==> flow/design.v <==
module sync_add_core_mod #(
    parameter DW = 36
) (
    input  logic clk_i,
    input  logic srst,
    input  logic [DW-1:0] rs1_i,
    input  logic [DW-1:0] rs2_i,
    input  logic [DW-1:0] rs3_i,
    output logic [DW+1:0] q_o
);
    logic [DW-1:0] rs1_q;
    always_ff @(posedge clk_i or posedge srst) begin
        if (srst) begin
            rs1_q <= '0;
        end else begin
            rs1_q <= rs1_i;
        end
    end
    logic [DW-1:0] rs2_q;
    always_ff @(posedge clk_i or posedge srst) begin
        if (srst) begin
            rs2_q <= '0;
        end else begin
            rs2_q <= rs2_i;
        end
    end
    logic [DW-1:0] rs3_q;
    always_ff @(posedge clk_i or posedge srst) begin
        if (srst) begin
            rs3_q <= '0;
        end else begin
            rs3_q <= rs3_i;
        end
    end
    logic [DW-1:0] work;
    assign work = rs1_q ^ rs2_q ^ rs3_q;
    logic [DW-1:0] c;
    assign c = (rs1_q & rs2_q) | (rs1_q & rs3_q) | (rs2_q & rs3_q);
    always_ff @(posedge clk_i or posedge srst) begin
        if (srst) begin
            q_o <= '0;
        end else begin
            q_o <= work + {c, 1'b0};
        end
    end
endmodule
## Step by step through the tools: sync_add_core_mod

What the tools print for sync_add_core_mod, step after step.
Lines are those of the file above, counted from 1.
A cell with -- has no value.

- Design top: sync_add_core_mod
- Clock input: clk_i
- Library: sky130hd
- Library corner: tt_025C_1v80

## Word level

Yosys after proc, flatten, opt, wreduce and memory -nomap, before mapping. Enables and synchronous resets that opt folds into registers are not counted as muxes. Memory bits, and registers merged into a memory's read port (data or address), are not among the register bits. Print and check cells are not counted. Equal cells are merged and count once.

- Flip-flop bits (word level): 146
- Latch bits: 0
- Memory bits (writable): 0
- Bits in read-only memories: 0
- Clocked read ports x word width: 0
- Memory cells: 0

- $add $sub $neg: 1
- Multipliers: 0
- Div/mod/pow operators: 0
- Order comparisons: 0
- Equality and inequality tests: 0
- Shift-type cells: 0
- Multiplexer cells: 0
- Bitwise operators: 7
- Reduce/logical cells: 0

Operator list:

| kind | count |
|---|---|
| 36-bit bitwise AND | 3 |
| 36-bit OR | 2 |
| 36-bit bitwise XOR | 2 |
| 36-bit by 37-bit adder with 38-bit output | 1 |

## Longest topological paths

Longest topological path by Yosys (ltp), each cell counted once; first at word level (registers and memories cut), then after technology mapping (sequential cells cut; the memories' decode and read muxes count).

- Depth after elaboration: 4
- ABC_AREA: 0
- Mapped depth: 14
- Mapped depth without buffers: 14

## Netlist

Yosys stat after the flow's synthesis: flattened, memories mapped to cells. It holds for the ABC_AREA given above (unset counts as 0); a run with the other value may have another netlist.

Cells by type:

| type | count | area in all (um^2) |
|---|---|---|
| sky130_fd_sc_hd__dfrtp_1 | 146 | 3.65E+03 |
| sky130_fd_sc_hd__fa_1 | 37 | 740.71 |
| sky130_fd_sc_hd__ha_1 | 35 | 437.92 |
| sky130_fd_sc_hd__a21oi_1 | 35 | 175.168 |
| sky130_fd_sc_hd__xnor2_1 | 20 | 175.168 |
| sky130_fd_sc_hd__a21o_1 | 17 | 127.622 |
| sky130_fd_sc_hd__xor2_1 | 14 | 122.618 |
| sky130_fd_sc_hd__nand2_1 | 24 | 90.086 |
| sky130_fd_sc_hd__o21ai_0 | 14 | 70.067 |
| sky130_fd_sc_hd__nor2_1 | 14 | 52.55 |
| sky130_fd_sc_hd__nand4_1 | 8 | 50.048 |
| sky130_fd_sc_hd__inv_1 | 12 | 45.043 |
| sky130_fd_sc_hd__o21bai_1 | 6 | 45.043 |
| sky130_fd_sc_hd__and3_1 | 6 | 37.536 |
| sky130_fd_sc_hd__clkbuf_1 | 9 | 33.782 |
| sky130_fd_sc_hd__nand3_1 | 6 | 30.029 |
| sky130_fd_sc_hd__a31oi_1 | 4 | 25.024 |
| sky130_fd_sc_hd__a211oi_1 | 3 | 22.522 |

Other cell types: 23; their cells: 32.

- Cell count: 442
- Synthesis area: 6188.4 um^2
- Area of sequential cells: 3653.5 um^2
- Flip-flop cells: 146

## Path before layout

Path of least setup slack by OpenSTA after synthesis, without wires, with an ideal clock, recovery checks aside; 20% of the period is set as input and as output delay. Where synthesis merged equal registers, the netlist keeps one of their names.

- Path kind: register to register
- Start point: reg rs1_q[5]
- End point: reg q_o[34]
- Period: 4040 ps
- Library setup time: 138 ps
- Launch time at the first pin: 0 ps
- Data arrival time: 3097 ps
- Required time: 3902 ps
- Path slack: 806 ps
- Path delay: 3235 ps
- Stages on the path: 12
- Path buffers: 0
- Synthesis period reached: 3234 ps

"path delay" = arrival - input delay + setup time.
"stages on the path": output pins that drive a net of the path, with the launching flip-flop's if there is one; two outputs of one cell count as two.
"synthesis period reached" is the clock period less the worst setup slack; recovery checks do not enter. This is arithmetic on one report: input and output delays are still those of the set period (20% each).
The rows between start and end are the longest chain of elaborated cells between them; the timing report does not say that the signal goes this way. Where chains are equally long, one stands for them.
A line is the first line of the expression or statement that the cell stems from. Yosys adds cells for indexed reads and writes and turns some case tables into memories.

- Cells stage by stage: sky130_fd_sc_hd__dfrtp_1 -> sky130_fd_sc_hd__fa_1 -> sky130_fd_sc_hd__ha_1 -> sky130_fd_sc_hd__a21o_1 -> sky130_fd_sc_hd__a31o_2 -> sky130_fd_sc_hd__o2111ai_2 -> sky130_fd_sc_hd__nand3b_2 -> sky130_fd_sc_hd__a311o_1 -> sky130_fd_sc_hd__a211o_1 -> sky130_fd_sc_hd__a21oi_2 -> sky130_fd_sc_hd__o311ai_1 -> sky130_fd_sc_hd__xor2_1
- Length of the longest elaborated chain: 4
- Elaborated cells on any way between the ends: 7
- RTL lines with such cells: 3
- Those cells by class: add/sub (1); logic (6)

Ends and longest elaborated chain, after synthesis:

| what | RTL line | text |
|---|---|---|
| start, declared | 11 | `logic [DW-1:0] rs1_q;` |
| start, assigned | 14 | `rs1_q <= '0;` |
| start, assigned | 16 | `rs1_q <= rs1_i;` |
| 36-bit bitwise AND | 38 | `assign c = (rs1_q & rs2_q) \| (rs1_q & rs3_q) \| (rs2_q & rs3_q);` |
| 36-bit OR x2 | 38 |  |
| 36-bit by 37-bit adder with 38-bit output | 43 | `q_o <= work + {c, 1'b0};` |
| end, assigned | 41 | `q_o <= '0;` |
| end, assigned | 43 |  |
| end, declared | 9 | `output logic [DW+1:0] q_o` |

## Path in the finished layout

Path of least setup slack in the final report of stored run 1 (OpenROAD, finished layout, wires in). Where an end is a register, its clock arrival counts in the times.
The report prints the path's times to 10 ps; the period is as set.

- Path kind: register to register
- Start point: reg rs1_q[1]
- End point: reg q_o[31]
- Period: 4130 ps
- Library setup time: 80 ps
- Launch time at the first pin: 420 ps
- Data arrival time: 4090 ps
- Required time: 4470 ps
- Path slack: 380 ps
- Stages on the path: 13
- Path buffers: 0

The rows between start and end are the longest chain of elaborated cells between them; the timing report does not say that the signal goes this way. Where chains are equally long, one stands for them.

- Cells stage by stage: sky130_fd_sc_hd__dfrtp_1 -> sky130_fd_sc_hd__fa_1 -> sky130_fd_sc_hd__ha_1 -> sky130_fd_sc_hd__fa_1 -> sky130_fd_sc_hd__a21o_1 -> sky130_fd_sc_hd__a221oi_1 -> sky130_fd_sc_hd__nand4b_1 -> sky130_fd_sc_hd__a31oi_1 -> sky130_fd_sc_hd__a21o_1 -> sky130_fd_sc_hd__a41oi_1 -> sky130_fd_sc_hd__o21bai_1 -> sky130_fd_sc_hd__a21oi_1 -> sky130_fd_sc_hd__xnor2_1
- Length of the longest elaborated chain: 4
- Elaborated cells on any way between the ends: 7
- RTL lines with such cells: 3
- Those cells by class: add/sub (1); logic (6)

Ends and longest elaborated chain, post-layout:

| what | RTL line | text |
|---|---|---|
| start, declared | 11 | `logic [DW-1:0] rs1_q;` |
| start, assigned | 14 | `rs1_q <= '0;` |
| start, assigned | 16 | `rs1_q <= rs1_i;` |
| 36-bit bitwise AND | 38 | `assign c = (rs1_q & rs2_q) \| (rs1_q & rs3_q) \| (rs2_q & rs3_q);` |
| 36-bit OR x2 | 38 |  |
| 36-bit by 37-bit adder with 38-bit output | 43 | `q_o <= work + {c, 1'b0};` |
| end, assigned | 41 | `q_o <= '0;` |
| end, assigned | 43 |  |
| end, declared | 9 | `output logic [DW+1:0] q_o` |

Subject: flow runs of sync_add_core_mod

Hi,

Below are 3 stored runs of the flow (Yosys, OpenROAD; platform sky130hd) on sync_add_core_mod, each with its settings and what was measured, unordered. Constraints: input delay and output delay 20% of the set period each, output load 0.01 pF.
"achieved period" means the clock period less the worst setup slack. The figure is calculated, with input and output delays left at 20% of the set period.
By "power consumption" is meant OpenSTA's value without simulated activity: inputs other than the clock are taken to toggle once in ten clock periods, and the tool carries that through the logic.

### Stored run 1

==> flow/run.sh <==
#!/bin/bash
# the make line also repeats the synthesis and layout settings of config.mk as NAME=value (left out here)
make -C /OpenROAD-flow-scripts/flow DESIGN_CONFIG=/design/flow/config.mk WORK_HOME=/design/flow/orfs CLKGATE_MAP_FILE= finish
==> flow/config.mk <==
export PLATFORM = sky130hd
export DESIGN_NAME = sync_add_core_mod
export DESIGN_NICKNAME = sync_add_core_mod
export VERILOG_FILES = /design/flow/design.v
export SDC_FILE = /design/flow/constraint.sdc
export NUM_CORES = 4
export LEC_CHECK = 0
export CAP_MARGIN = 20
export CELL_PAD_IN_SITES_DETAIL_PLACEMENT = 2
export CORE_MARGIN = 2
export CORE_UTILIZATION = 22
export CTS_CLUSTER_DIAMETER = 33
export MAX_ROUTING_LAYER = met5
export PLACE_DENSITY = 0.54
export SETUP_SLACK_MARGIN = -0.39
export SLEW_MARGIN = 40
export TNS_END_PERCENT = 55
==> flow/constraint.sdc <==
create_clock -name core_clock -period 4.13 [get_ports {clk_i}]
set_input_delay 0.8260 -clock core_clock [delete_from_list [all_inputs] [get_ports {clk_i}]]
set_output_delay 0.8260 -clock core_clock [all_outputs]
set_load 0.01 [all_outputs]

Results of stored run 1:
- Power consumption: 4821 uW
- Total negative setup slack: 0 ps
- Achieved period: 3754 ps
- Setup slack of the worst path: 376 ps
- Total die area: 29486.0 um^2
- Post-route utilization: 31.6 %
- Chip area after synthesis (Yosys): 6188.4 um^2
- Standard-cell area of the final layout: 8755.9 um^2

### Stored run 2

==> flow/run.sh <==
#!/bin/bash
# the make line also repeats the synthesis and layout settings of config.mk as NAME=value (left out here)
make -C /OpenROAD-flow-scripts/flow DESIGN_CONFIG=/design/flow/config.mk WORK_HOME=/design/flow/orfs CLKGATE_MAP_FILE= finish
==> flow/config.mk <==
export PLATFORM = sky130hd
export DESIGN_NAME = sync_add_core_mod
export DESIGN_NICKNAME = sync_add_core_mod
export VERILOG_FILES = /design/flow/design.v
export SDC_FILE = /design/flow/constraint.sdc
export NUM_CORES = 4
export LEC_CHECK = 0
export CAP_MARGIN = 20
export CORE_MARGIN = 2
export CORE_UTILIZATION = 40
export SLEW_MARGIN = 20
==> flow/constraint.sdc <==
create_clock -name core_clock -period 4.04 [get_ports {clk_i}]
set_input_delay 0.8080 -clock core_clock [delete_from_list [all_inputs] [get_ports {clk_i}]]
set_output_delay 0.8080 -clock core_clock [all_outputs]
set_load 0.01 [all_outputs]

Results of stored run 2:
- Power consumption: 4807 uW
- Total negative setup slack: 0 ps
- Achieved period: 3566 ps
- Setup slack of the worst path: 474 ps
- Total die area: 16481.4 um^2
- Post-route utilization: 56.2 %
- Chip area after synthesis (Yosys): 6188.4 um^2
- Standard-cell area of the final layout: 8511.9 um^2

### Stored run 3

==> flow/run.sh <==
#!/bin/bash
# the make line also repeats the synthesis and layout settings of config.mk as NAME=value (left out here)
make -C /OpenROAD-flow-scripts/flow DESIGN_CONFIG=/design/flow/config.mk WORK_HOME=/design/flow/orfs CLKGATE_MAP_FILE= finish
==> flow/config.mk <==
export PLATFORM = sky130hd
export DESIGN_NAME = sync_add_core_mod
export DESIGN_NICKNAME = sync_add_core_mod
export VERILOG_FILES = /design/flow/design.v
export SDC_FILE = /design/flow/constraint.sdc
export NUM_CORES = 4
export LEC_CHECK = 0
export ABC_AREA = 0
export CAP_MARGIN = 20
export CELL_PAD_IN_SITES_DETAIL_PLACEMENT = 2
export CORE_MARGIN = 5
export CORE_UTILIZATION = 32
export CTS_CLUSTER_DIAMETER = 134
export CTS_CLUSTER_SIZE = 70
export PLACE_DENSITY_LB_ADDON = 0.15
export SETUP_SLACK_MARGIN = 0.53
export SLEW_MARGIN = 20
==> flow/constraint.sdc <==
create_clock -name core_clock -period 3.21 [get_ports {clk_i}]
set_input_delay 0.6420 -clock core_clock [delete_from_list [all_inputs] [get_ports {clk_i}]]
set_output_delay 0.6420 -clock core_clock [all_outputs]
set_load 0.01 [all_outputs]

Results of stored run 3:
- Power consumption: 6807 uW
- Total negative setup slack: -330 ps
- Achieved period: 3331 ps
- Setup slack of the worst path: -121 ps
- Total die area: 22220.4 um^2
- Post-route utilization: 49.7 %
- Chip area after synthesis (Yosys): 6188.4 um^2
- Standard-cell area of the final layout: 9395.3 um^2

Regards
